==> flow/design.v <==
module alu_arith_stage #(
  parameter BITS = 64
) (
  input  wire i_clk,
  input  wire RSTN,
  input  wire [BITS-1:0] u,
  input  wire [BITS-1:0] v,
  input  wire minus,
  output reg [BITS:0] diff
);
  always @(posedge i_clk) begin
    if (!RSTN) begin
      diff <= 0;
    end else begin
      diff <= minus ? u - v : u + v;
    end
  end
endmodule
Tool chain data of alu_arith_stage --
The steps from the RTL of alu_arith_stage to its reports follow in flow order. Lines are those of the file above, counted from 1. Operators: Yosys type, input widths -> output width; for muxes data width and select width s. Not given: --
Inputs: top alu_arith_stage, clock port i_clk, cell library sky130hd, library corner tt_025C_1v80

Word-level counts --
Counts by Yosys on the flattened word-level netlist (proc, flatten, opt, wreduce; memories kept). Register bits leave out memories and registers merged into their read ports (data or address); mux counts leave out enables and synchronous resets folded into registers. Print and check cells are left out. Cells with the same type and inputs are merged into one.
Storage and ports: register bits after elaboration 65, bits in latches 0, RAM bits 0, bits in read-only memories 0, clocked read ports x word width 0, memories 0, cells after elaboration 4
Operators by class: add/subtract/negate cells 2, $mul 0, divide/modulo/power cells 0, $lt $le $gt $ge 0, eq/ne operators 0, shifts and indexed selects 0, muxes and demuxes 1, bitwise operators 0, reduce/logical cells 0
Operator list (number):
- $add 64x64->65 | 1
- $sub 64x64->65 | 1
- $mux 65 | 1

Longest topological paths --
Longest topological path by Yosys (ltp), each cell counted once; first at word level (registers and memories cut), then after technology mapping (sequential cells cut; the memories' decode and read muxes count).
Logic depth: word-level depth 2, ABC_AREA 0, mapped depth 21, mapped depth without buffers 19

Synthesis result --
Yosys stat after the flow's synthesis: flattened, memories mapped to cells. It holds for the ABC_AREA given above (unset counts as 0); a run with the other value may have another netlist.
Cells by type:
- sky130_fd_sc_hd__dfxtp_1 | number 65, area in all 1.3E+03 um2
- sky130_fd_sc_hd__ha_1 | number 65, area in all 813.28 um2
- sky130_fd_sc_hd__xnor2_1 | number 80, area in all 700.672 um2
- sky130_fd_sc_hd__a21oi_1 | number 110, area in all 550.528 um2
- sky130_fd_sc_hd__nor2_1 | number 125, area in all 469.2 um2
- sky130_fd_sc_hd__a21o_1 | number 43, area in all 322.81 um2
- sky130_fd_sc_hd__nand2_1 | number 64, area in all 240.23 um2
- sky130_fd_sc_hd__xor2_1 | number 26, area in all 227.718 um2
- sky130_fd_sc_hd__o21ai_0 | number 39, area in all 195.187 um2
- sky130_fd_sc_hd__clkbuf_1 | number 41, area in all 153.898 um2
- sky130_fd_sc_hd__nor3_1 | number 27, area in all 135.13 um2
- sky130_fd_sc_hd__a31oi_1 | number 19, area in all 118.864 um2
- sky130_fd_sc_hd__nand4_1 | number 18, area in all 112.608 um2
- sky130_fd_sc_hd__mux2i_1 | number 10, area in all 100.096 um2
- sky130_fd_sc_hd__o31ai_1 | number 13, area in all 97.594 um2
- sky130_fd_sc_hd__nand2b_1 | number 15, area in all 93.84 um2
- sky130_fd_sc_hd__inv_1 | number 24, area in all 90.086 um2
- sky130_fd_sc_hd__o21a_1 | number 12, area in all 90.086 um2
Other cell types: 51; their cells: 141.
Synthesis totals: mapped cells 937, mapped area 6871.6 um2, sequential part of the area 1301.2 um2, flip-flops 65

Path before layout --
Path of least setup slack by OpenSTA after synthesis, without wires, with an ideal clock, recovery checks aside; 20% of the period is set as input and as output delay. Where synthesis merged equal registers, the netlist keeps one of their names.
Path after synthesis: kind input to register, from in v[12], to reg diff[61], clock period 6.79 ns, setup time 0.072 ns, launch time at the first pin 1.358 ns, data arrival time 5.629 ns, required time 6.718 ns, slack 1.089 ns, path delay 4.343 ns, stages on the path 18, buffers on the path 2, synthesis period reached 5.701 ns
"path delay" = arrival - input delay + setup time. "stages on the path": output pins that drive a net of the path, with the launching flip-flop's if there is one; two outputs of one cell count as two. "synthesis period reached" = period - worst setup slack (recovery checks aside). The figure is calculated, with input and output delays left at 20% of the set period. Between the ends stands the longest chain of elaborated cells between them, by number of cells; it is not shown to be the way that was timed. Of several equally long chains one is given. Each line given opens the expression or statement behind the cell; cells for indexed reads and writes are added by Yosys, which also makes memories of some case tables.
Between the ends, after synthesis: path through sky130_fd_sc_hd__or4_4 > sky130_fd_sc_hd__or4_4 > sky130_fd_sc_hd__buf_6 > sky130_fd_sc_hd__nor2_1 > sky130_fd_sc_hd__nand2_1 > sky130_fd_sc_hd__o41ai_1 > sky130_fd_sc_hd__xor2_1 > sky130_fd_sc_hd__ha_1 > sky130_fd_sc_hd__clkbuf_1 > sky130_fd_sc_hd__and4_1 > sky130_fd_sc_hd__and4_1 > sky130_fd_sc_hd__a221o_1 > sky130_fd_sc_hd__a21oi_1 > sky130_fd_sc_hd__o21ai_1 > sky130_fd_sc_hd__a211oi_1 > sky130_fd_sc_hd__o21ai_0 > sky130_fd_sc_hd__a31oi_1 > sky130_fd_sc_hd__mux2i_1, cells in the longest elaborated chain 2, elaborated cells on any way between the ends 3, classes of those cells 2 x add/sub; 1 x mux
RTL lines, path after synthesis:
- start: declaration | RTL line 7 | input  wire [BITS-1:0] v,
- $add 64x64->65 | RTL line 15 | diff <= minus ? u - v : u + v;
- $mux 65 | RTL line 15
- end: assignment | RTL line 13 | diff <= 0;
- end: assignment | RTL line 15
- end: declaration | RTL line 9 | output reg [BITS:0] diff

Path in the finished layout --
From the final timing report of flow run 1: the path of least setup slack in the routed layout; clock arrival at registers is part of the times.
Path post-layout: kind input to register, from in v[12], to reg diff[64], clock period 6.79 ns, setup time 0.09 ns, launch time at the first pin 1.36 ns, data arrival time 6.48 ns, required time 7.03 ns, slack 0.55 ns, stages on the path 16, buffers on the path 1
Between the ends stands the longest chain of elaborated cells between them, by number of cells; it is not shown to be the way that was timed. Of several equally long chains one is given.
Between the ends, post-layout: path through sky130_fd_sc_hd__clkdlybuf4s50_1 > sky130_fd_sc_hd__or4_4 > sky130_fd_sc_hd__or4_4 > sky130_fd_sc_hd__nor4_4 > sky130_fd_sc_hd__and3_1 > sky130_fd_sc_hd__a21oi_1 > sky130_fd_sc_hd__xnor2_1 > sky130_fd_sc_hd__ha_1 > sky130_fd_sc_hd__a21oi_1 > sky130_fd_sc_hd__o21bai_1 > sky130_fd_sc_hd__a21oi_1 > sky130_fd_sc_hd__o211ai_1 > sky130_fd_sc_hd__a22oi_1 > sky130_fd_sc_hd__a2111oi_0 > sky130_fd_sc_hd__or2_2 > sky130_fd_sc_hd__o311ai_1, cells in the longest elaborated chain 2, elaborated cells on any way between the ends 3, classes of those cells 2 x add/sub; 1 x mux
RTL lines, path post-layout:
- start: declaration | RTL line 7 | input  wire [BITS-1:0] v,
- $add 64x64->65 | RTL line 15 | diff <= minus ? u - v : u + v;
- $mux 65 | RTL line 15
- end: assignment | RTL line 13 | diff <= 0;
- end: assignment | RTL line 15
- end: declaration | RTL line 9 | output reg [BITS:0] diff

Subject: flow runs of alu_arith_stage

Hi,

Below are 2 stored runs of the flow (Yosys, OpenROAD; platform sky130hd) on alu_arith_stage, each with its settings and what was measured, unordered. Constraints: input delay and output delay 20% of the set period each, output load 0.01 pF.
By "period achieved" is meant the clock period of the run minus its worst setup slack. This is arithmetic on one report: input and output delays are still those of the set period (20% each).
"time on the worst setup path" is the time allowed to the run's worst setup path (the clock period less input and output delay, where it has them) less its slack. Clock arrival times count: a late capture clock shortens it, a late launch clock lengthens it.
"power consumption" rests on the timing tool's default activity at the inputs, not on a simulated workload.

[flow run 1] flow files
==> flow/run.sh <==
#!/bin/bash
# the make line also repeats the synthesis and layout settings of config.mk as NAME=value (left out here)
make -C /OpenROAD-flow-scripts/flow DESIGN_CONFIG=/design/flow/config.mk WORK_HOME=/design/flow/orfs CLKGATE_MAP_FILE= finish
==> flow/config.mk <==
export PLATFORM = sky130hd
export DESIGN_NAME = alu_arith_stage
export DESIGN_NICKNAME = alu_arith_stage
export VERILOG_FILES = /design/flow/design.v
export SDC_FILE = /design/flow/constraint.sdc
export NUM_CORES = 4
export LEC_CHECK = 0
export CAP_MARGIN = 20
export CORE_MARGIN = 2
export CORE_UTILIZATION = 40
export SLEW_MARGIN = 20
==> flow/constraint.sdc <==
create_clock -name core_clock -period 6.79 [get_ports {i_clk}]
set_input_delay 1.3580 -clock core_clock [delete_from_list [all_inputs] [get_ports {i_clk}]]
set_output_delay 1.3580 -clock core_clock [all_outputs]
set_load 0.01 [all_outputs]

[flow run 1] result: power consumption 1952 uW; period achieved 6.237 ns; utilization in the final report 55.7%; die area 18243.9 um2; mapped cell area after synthesis 6871.6 um2; time on the worst setup path 4.88 ns; kind of the worst setup path input to register; standard-cell area of the final layout 9307.7 um2; worst hold slack after layout 1.685 ns; worst setup slack after layout 0.553 ns; total negative slack 0.000 ns

[flow run 2] flow files
==> flow/run.sh <==
#!/bin/bash
# the make line also repeats the synthesis and layout settings of config.mk as NAME=value (left out here)
make -C /OpenROAD-flow-scripts/flow DESIGN_CONFIG=/design/flow/config.mk WORK_HOME=/design/flow/orfs CLKGATE_MAP_FILE= finish
==> flow/config.mk <==
export PLATFORM = sky130hd
export DESIGN_NAME = alu_arith_stage
export DESIGN_NICKNAME = alu_arith_stage
export VERILOG_FILES = /design/flow/design.v
export SDC_FILE = /design/flow/constraint.sdc
export NUM_CORES = 4
export LEC_CHECK = 0
export CAP_MARGIN = 5
export CORE_MARGIN = 10
export CORE_UTILIZATION = 21
export GPL_ROUTABILITY_DRIVEN = 0
export PLACE_DENSITY = 0.73
export SLEW_MARGIN = 30
export TNS_END_PERCENT = 100
==> flow/constraint.sdc <==
create_clock -name core_clock -period 4.66 [get_ports {i_clk}]
set_input_delay 0.9320 -clock core_clock [delete_from_list [all_inputs] [get_ports {i_clk}]]
set_output_delay 0.9320 -clock core_clock [all_outputs]
set_load 0.01 [all_outputs]

[flow run 2] result: power consumption 3652 uW; period achieved 4.955 ns; utilization in the final report 41.5%; die area 40356.8 um2; mapped cell area after synthesis 6871.6 um2; time on the worst setup path 4.02 ns; kind of the worst setup path input to register; standard-cell area of the final layout 13435.4 um2; worst hold slack after layout 1.232 ns; worst setup slack after layout -0.295 ns; total negative slack -4.247 ns

Regards
